==> flow/design.v <==
module sync_adder #(
    parameter BITS = 7
) (
    input wire aclk,
    input wire i_rst,
    input wire valid,
    input wire [BITS-1:0] u_i,
    input wire [BITS-1:0] v_i,
    input wire [BITS-1:0] w_i,
    output reg [BITS+1:0] q_o
);
    reg [BITS-1:0] r_u;
    reg [BITS-1:0] r_v;
    reg [BITS-1:0] r_w;
    reg [BITS:0] r_tmp;
    reg [BITS-1:0] r_w_d;
    always @(posedge aclk or posedge i_rst) begin
        if (i_rst) begin
            r_u <= 0;
            r_v <= 0;
            r_w <= 0;
            r_tmp <= 0;
            r_w_d <= 0;
            q_o <= 0;
        end else if (valid) begin
            r_u <= u_i;
            r_v <= v_i;
            r_w <= w_i;
            r_tmp <= r_u + r_v;
            r_w_d <= r_w;
            q_o <= r_tmp + r_w_d;
        end
    end
endmodule
Step by step through the tools: sync_adder
The steps from the RTL of sync_adder to its reports follow in flow order. Lines are those of the file above, counted from 1. Operators carry their Yosys type and port widths (W data, S select, Z words). Not given: n/a

Design top: sync_adder. Clock: aclk. Library: sky130hd. Library corner: tt_025C_1v80.

After elaboration
Yosys after proc, flatten, opt, wreduce and memory -nomap, before mapping. Enables and synchronous resets that opt folds into registers are not counted as muxes. Memory bits, and registers merged into a memory's read port (data or address), are not among the register bits. Print and check cells are not counted. Equal cells are merged and count once.

For bits of input ports the number is 24. Output and inout port bits: 9. For register bits after elaboration the number is 45. The figure for word-level cells is 8.

$add $sub $neg: 2.

Operator list (number): $add A8 B7 Y9 (1); $add A7 B7 Y8 (1).

Depth
Depth = most cells in a row (Yosys ltp): at word level without a register or memory, in the mapped netlist without a sequential cell, where the memories' decode and read muxes count.

For word-level depth the number is 1. The entry for ABC_AREA reads 0. The figure for mapped depth is 7. The figure for depth with buffers taken out is 7.

After synthesis
Yosys stat after the flow's synthesis: flattened, memories mapped to cells. It holds for the ABC_AREA given above (unset counts as 0); a run with the other value may have another netlist.

Cell types: sky130_fd_sc_hd__dfrtp_1 (number 45, area in all 1126.08 µm²); sky130_fd_sc_hd__mux2_2 (number 30, area in all 337.824 µm²); sky130_fd_sc_hd__ha_1 (number 14, area in all 175.168 µm²); sky130_fd_sc_hd__a211oi_1 (number 10, area in all 75.072 µm²); sky130_fd_sc_hd__o21ai_0 (number 10, area in all 50.048 µm²); sky130_fd_sc_hd__fa_1 (number 2, area in all 40.038 µm²); sky130_fd_sc_hd__o2bb2ai_1 (number 4, area in all 35.034 µm²); sky130_fd_sc_hd__buf_2 (number 6, area in all 30.029 µm²); sky130_fd_sc_hd__nand2_1 (number 8, area in all 30.029 µm²); sky130_fd_sc_hd__a21o_1 (number 3, area in all 22.522 µm²); sky130_fd_sc_hd__inv_1 (number 6, area in all 22.522 µm²); sky130_fd_sc_hd__nor2_1 (number 6, area in all 22.522 µm²); sky130_fd_sc_hd__o21bai_1 (number 3, area in all 22.522 µm²); sky130_fd_sc_hd__nor3_1 (number 4, area in all 20.019 µm²); sky130_fd_sc_hd__a2111oi_0 (number 2, area in all 17.517 µm²); sky130_fd_sc_hd__nor4b_1 (number 2, area in all 17.517 µm²); sky130_fd_sc_hd__xnor2_1 (number 2, area in all 17.517 µm²); sky130_fd_sc_hd__a221oi_2 (number 1, area in all 15.014 µm²).

Other cell types: 20; their cells: 29.

For chip area (Yosys) the number is 2279.7 µm². The entry for sequential area reads 1126.1 µm². The figure for flip-flop cells is 45. Under standard cells after synthesis stands 187. Buffers: 7.

Path before layout
Source: OpenSTA report_checks on the synthesized netlist (no wires, ideal clock, input and output delay 20% of the period each), path of least setup slack; recovery checks are left aside. Register names are those of the netlist, which keeps one name where synthesis merged equal registers.

Path kind: register to register. From: register r_tmp[0]. To: register q_o[8]. The figure for arrival is 1.732 ns. For setup slack the number is 0.462 ns. Under data required time stands 2.194 ns. For clock period the number is 2.32 ns. Driving pins on the path: 7. For path buffers the number is 0. For delay of the path the number is 1.858 ns. Launch time at the first pin: 0.000 ns. For setup time the number is 0.126 ns. Period reached after synthesis: 1.858 ns.

"delay of the path" = arrival - input delay + setup time. "driving pins on the path" counts driving pins, that of a launching flip-flop among them; a cell with two outputs on the path counts twice. "period reached after synthesis" = period - worst setup slack (recovery checks aside). The figure is calculated, with input and output delays left at 20% of the set period. Between the ends stands the longest chain of elaborated cells between them, by number of cells; it is not shown to be the way that was timed. Of several equally long chains one is given. A line is the first line of the expression or statement that the cell stems from. Yosys adds cells for indexed reads and writes and turns some case tables into memories.

Cell sequence: sky130_fd_sc_hd__dfrtp_1 sky130_fd_sc_hd__ha_1 sky130_fd_sc_hd__fa_1 sky130_fd_sc_hd__a211oi_2 sky130_fd_sc_hd__o21ai_1 sky130_fd_sc_hd__o211a_1 sky130_fd_sc_hd__o32a_1. The entry for length of the longest elaborated chain reads 1. Elaborated cells between the ends (all ways): 1. Under RTL lines with such cells stands 1. Those cells by class: add/sub: 1.

RTL lines, path after synthesis: start, declared (line 15) `reg [BITS:0] r_tmp;`; start, assigned (line 22) `r_tmp <= 0;`; start, assigned (line 29) `r_tmp <= r_u + r_v;`; $add A8 B7 Y9 (line 31) `q_o <= r_tmp + r_w_d;`; end, assigned (line 24) `q_o <= 0;`; end, assigned (line 31); end, declared (line 10) `output reg [BITS+1:0] q_o`.

Path in the finished layout
From the final timing report of run A: the path of least setup slack in the routed layout; clock arrival at registers is part of the times.

Path kind: register to register. From: register r_tmp[0]. To: register q_o[8]. For path buffers the number is 0. Launch time at the first pin: 0.30 ns. For clock period the number is 1.23 ns. For setup slack the number is -0.60 ns. For setup time the number is 0.11 ns. Under data required time stands 1.42 ns. The figure for arrival is 2.02 ns. Driving pins on the path: 7.

Between the ends stands the longest chain of elaborated cells between them, by number of cells; it is not shown to be the way that was timed. Of several equally long chains one is given.

Cell sequence: sky130_fd_sc_hd__dfrtp_1 sky130_fd_sc_hd__ha_4 sky130_fd_sc_hd__fa_2 sky130_fd_sc_hd__a211oi_2 sky130_fd_sc_hd__o21ai_1 sky130_fd_sc_hd__o211a_1 sky130_fd_sc_hd__o32a_1. The entry for length of the longest elaborated chain reads 1. Elaborated cells between the ends (all ways): 1. Under RTL lines with such cells stands 1. Those cells by class: add/sub: 1.

RTL lines, path post-layout: start, declared (line 15) `reg [BITS:0] r_tmp;`; start, assigned (line 22) `r_tmp <= 0;`; start, assigned (line 29) `r_tmp <= r_u + r_v;`; $add A8 B7 Y9 (line 31) `q_o <= r_tmp + r_w_d;`; end, assigned (line 24) `q_o <= 0;`; end, assigned (line 31); end, declared (line 10) `output reg [BITS+1:0] q_o`.

Data sheet: physical implementation of sync_adder

Below are 3 stored runs of the flow (Yosys, OpenROAD; platform sky130hd) on sync_adder, each with its settings and what was measured, unordered. Constraints: input delay and output delay 20% of the set period each, output load 0.01 pF. By "achieved clock period" is meant the clock period of the run minus its worst setup slack. This is arithmetic on one report: input and output delays are still those of the set period (20% each). "time used up by the worst setup path" means the part of the period allowed to the worst setup path (the constraints hold back 20% at inputs and 20% at outputs) less its slack; where the path has registers, the arrival times of their clocks count too. "total power after layout" rests on the timing tool's default activity at the inputs, not on a simulated workload.

Files of run A:
==> flow/run.sh <==
#!/bin/bash
# the make line also repeats the synthesis and layout settings of config.mk as NAME=value (left out here)
make -C /OpenROAD-flow-scripts/flow DESIGN_CONFIG=/design/flow/config.mk WORK_HOME=/design/flow/orfs CLKGATE_MAP_FILE= finish
==> flow/config.mk <==
export PLATFORM = sky130hd
export DESIGN_NAME = sync_adder
export DESIGN_NICKNAME = sync_adder
export VERILOG_FILES = /design/flow/design.v
export SDC_FILE = /design/flow/constraint.sdc
export NUM_CORES = 4
export LEC_CHECK = 0
export CAP_MARGIN = 20
export CELL_PAD_IN_SITES_DETAIL_PLACEMENT = 0
export CELL_PAD_IN_SITES_GLOBAL_PLACEMENT = 0
export CORE_MARGIN = 5
export CORE_UTILIZATION = 39
export MIN_ROUTING_LAYER = met2
export PLACE_DENSITY_LB_ADDON = 0.26
export SETUP_SLACK_MARGIN = 0.36
export SLEW_MARGIN = 20
export TNS_END_PERCENT = 20
==> flow/constraint.sdc <==
create_clock -name core_clock -period 1.23 [get_ports {aclk}]
set_input_delay 0.2460 -clock core_clock [delete_from_list [all_inputs] [get_ports {aclk}]]
set_output_delay 0.2460 -clock core_clock [all_outputs]
set_load 0.01 [all_outputs]

Results of run A. For the die footprint the run shows 7474.5 µm². The measured time used up by the worst setup path is 1.83 ns. Critical path kind: register to register. The std-cell area (final layout) comes to 3260.6 µm². The setup slack of the critical path comes to -0.598 ns. The utilization of the finished layout reads 58.1 %. The measured chip area in the Yosys report is 2279.7 µm². The final setup TNS reads -5.561 ns. For the total power after layout the run shows 0.005217 W. The achieved clock period comes to 1.828 ns.

Files of run B:
==> flow/run.sh <==
#!/bin/bash
# the make line also repeats the synthesis and layout settings of config.mk as NAME=value (left out here)
make -C /OpenROAD-flow-scripts/flow DESIGN_CONFIG=/design/flow/config.mk WORK_HOME=/design/flow/orfs CLKGATE_MAP_FILE= finish
==> flow/config.mk <==
export PLATFORM = sky130hd
export DESIGN_NAME = sync_adder
export DESIGN_NICKNAME = sync_adder
export VERILOG_FILES = /design/flow/design.v
export SDC_FILE = /design/flow/constraint.sdc
export NUM_CORES = 4
export LEC_CHECK = 0
export CAP_MARGIN = 20
export CELL_PAD_IN_SITES_GLOBAL_PLACEMENT = 0
export CORE_MARGIN = 8
export CORE_UTILIZATION = 66
export CTS_CLUSTER_SIZE = 16
export GPL_ROUTABILITY_DRIVEN = 1
export GPL_TIMING_DRIVEN = 1
export HOLD_SLACK_MARGIN = -0.08
export MAX_ROUTING_LAYER = met5
export SETUP_SLACK_MARGIN = 0.49
export SLEW_MARGIN = 20
==> flow/constraint.sdc <==
create_clock -name core_clock -period 2.65 [get_ports {aclk}]
set_input_delay 0.5300 -clock core_clock [delete_from_list [all_inputs] [get_ports {aclk}]]
set_output_delay 0.5300 -clock core_clock [all_outputs]
set_load 0.01 [all_outputs]

Results of run B. For the die footprint the run shows 5590.6 µm². The measured time used up by the worst setup path is 1.99 ns. Critical path kind: register to register. The std-cell area (final layout) comes to 2707.6 µm². The setup slack of the critical path comes to 0.660 ns. The utilization of the finished layout reads 81.1 %. The measured chip area in the Yosys report is 2279.7 µm². The final setup TNS reads 0.000 ns. For the total power after layout the run shows 0.002041 W. The achieved clock period comes to 1.990 ns.

Files of run C:
==> flow/run.sh <==
#!/bin/bash
# the make line also repeats the synthesis and layout settings of config.mk as NAME=value (left out here)
make -C /OpenROAD-flow-scripts/flow DESIGN_CONFIG=/design/flow/config.mk WORK_HOME=/design/flow/orfs CLKGATE_MAP_FILE= finish
==> flow/config.mk <==
export PLATFORM = sky130hd
export DESIGN_NAME = sync_adder
export DESIGN_NICKNAME = sync_adder
export VERILOG_FILES = /design/flow/design.v
export SDC_FILE = /design/flow/constraint.sdc
export NUM_CORES = 4
export LEC_CHECK = 0
export CAP_MARGIN = 20
export CORE_MARGIN = 2
export CORE_UTILIZATION = 40
export SLEW_MARGIN = 20
==> flow/constraint.sdc <==
create_clock -name core_clock -period 2.32 [get_ports {aclk}]
set_input_delay 0.4640 -clock core_clock [delete_from_list [all_inputs] [get_ports {aclk}]]
set_output_delay 0.4640 -clock core_clock [all_outputs]
set_load 0.01 [all_outputs]

Results of run C. For the die footprint the run shows 6319.5 µm². The measured time used up by the worst setup path is 2.04 ns. Critical path kind: register to register. The std-cell area (final layout) comes to 2790.2 µm². The setup slack of the critical path comes to 0.280 ns. The utilization of the finished layout reads 50.7 %. The measured chip area in the Yosys report is 2279.7 µm². The final setup TNS reads 0.000 ns. For the total power after layout the run shows 0.002533 W. The achieved clock period comes to 2.040 ns.
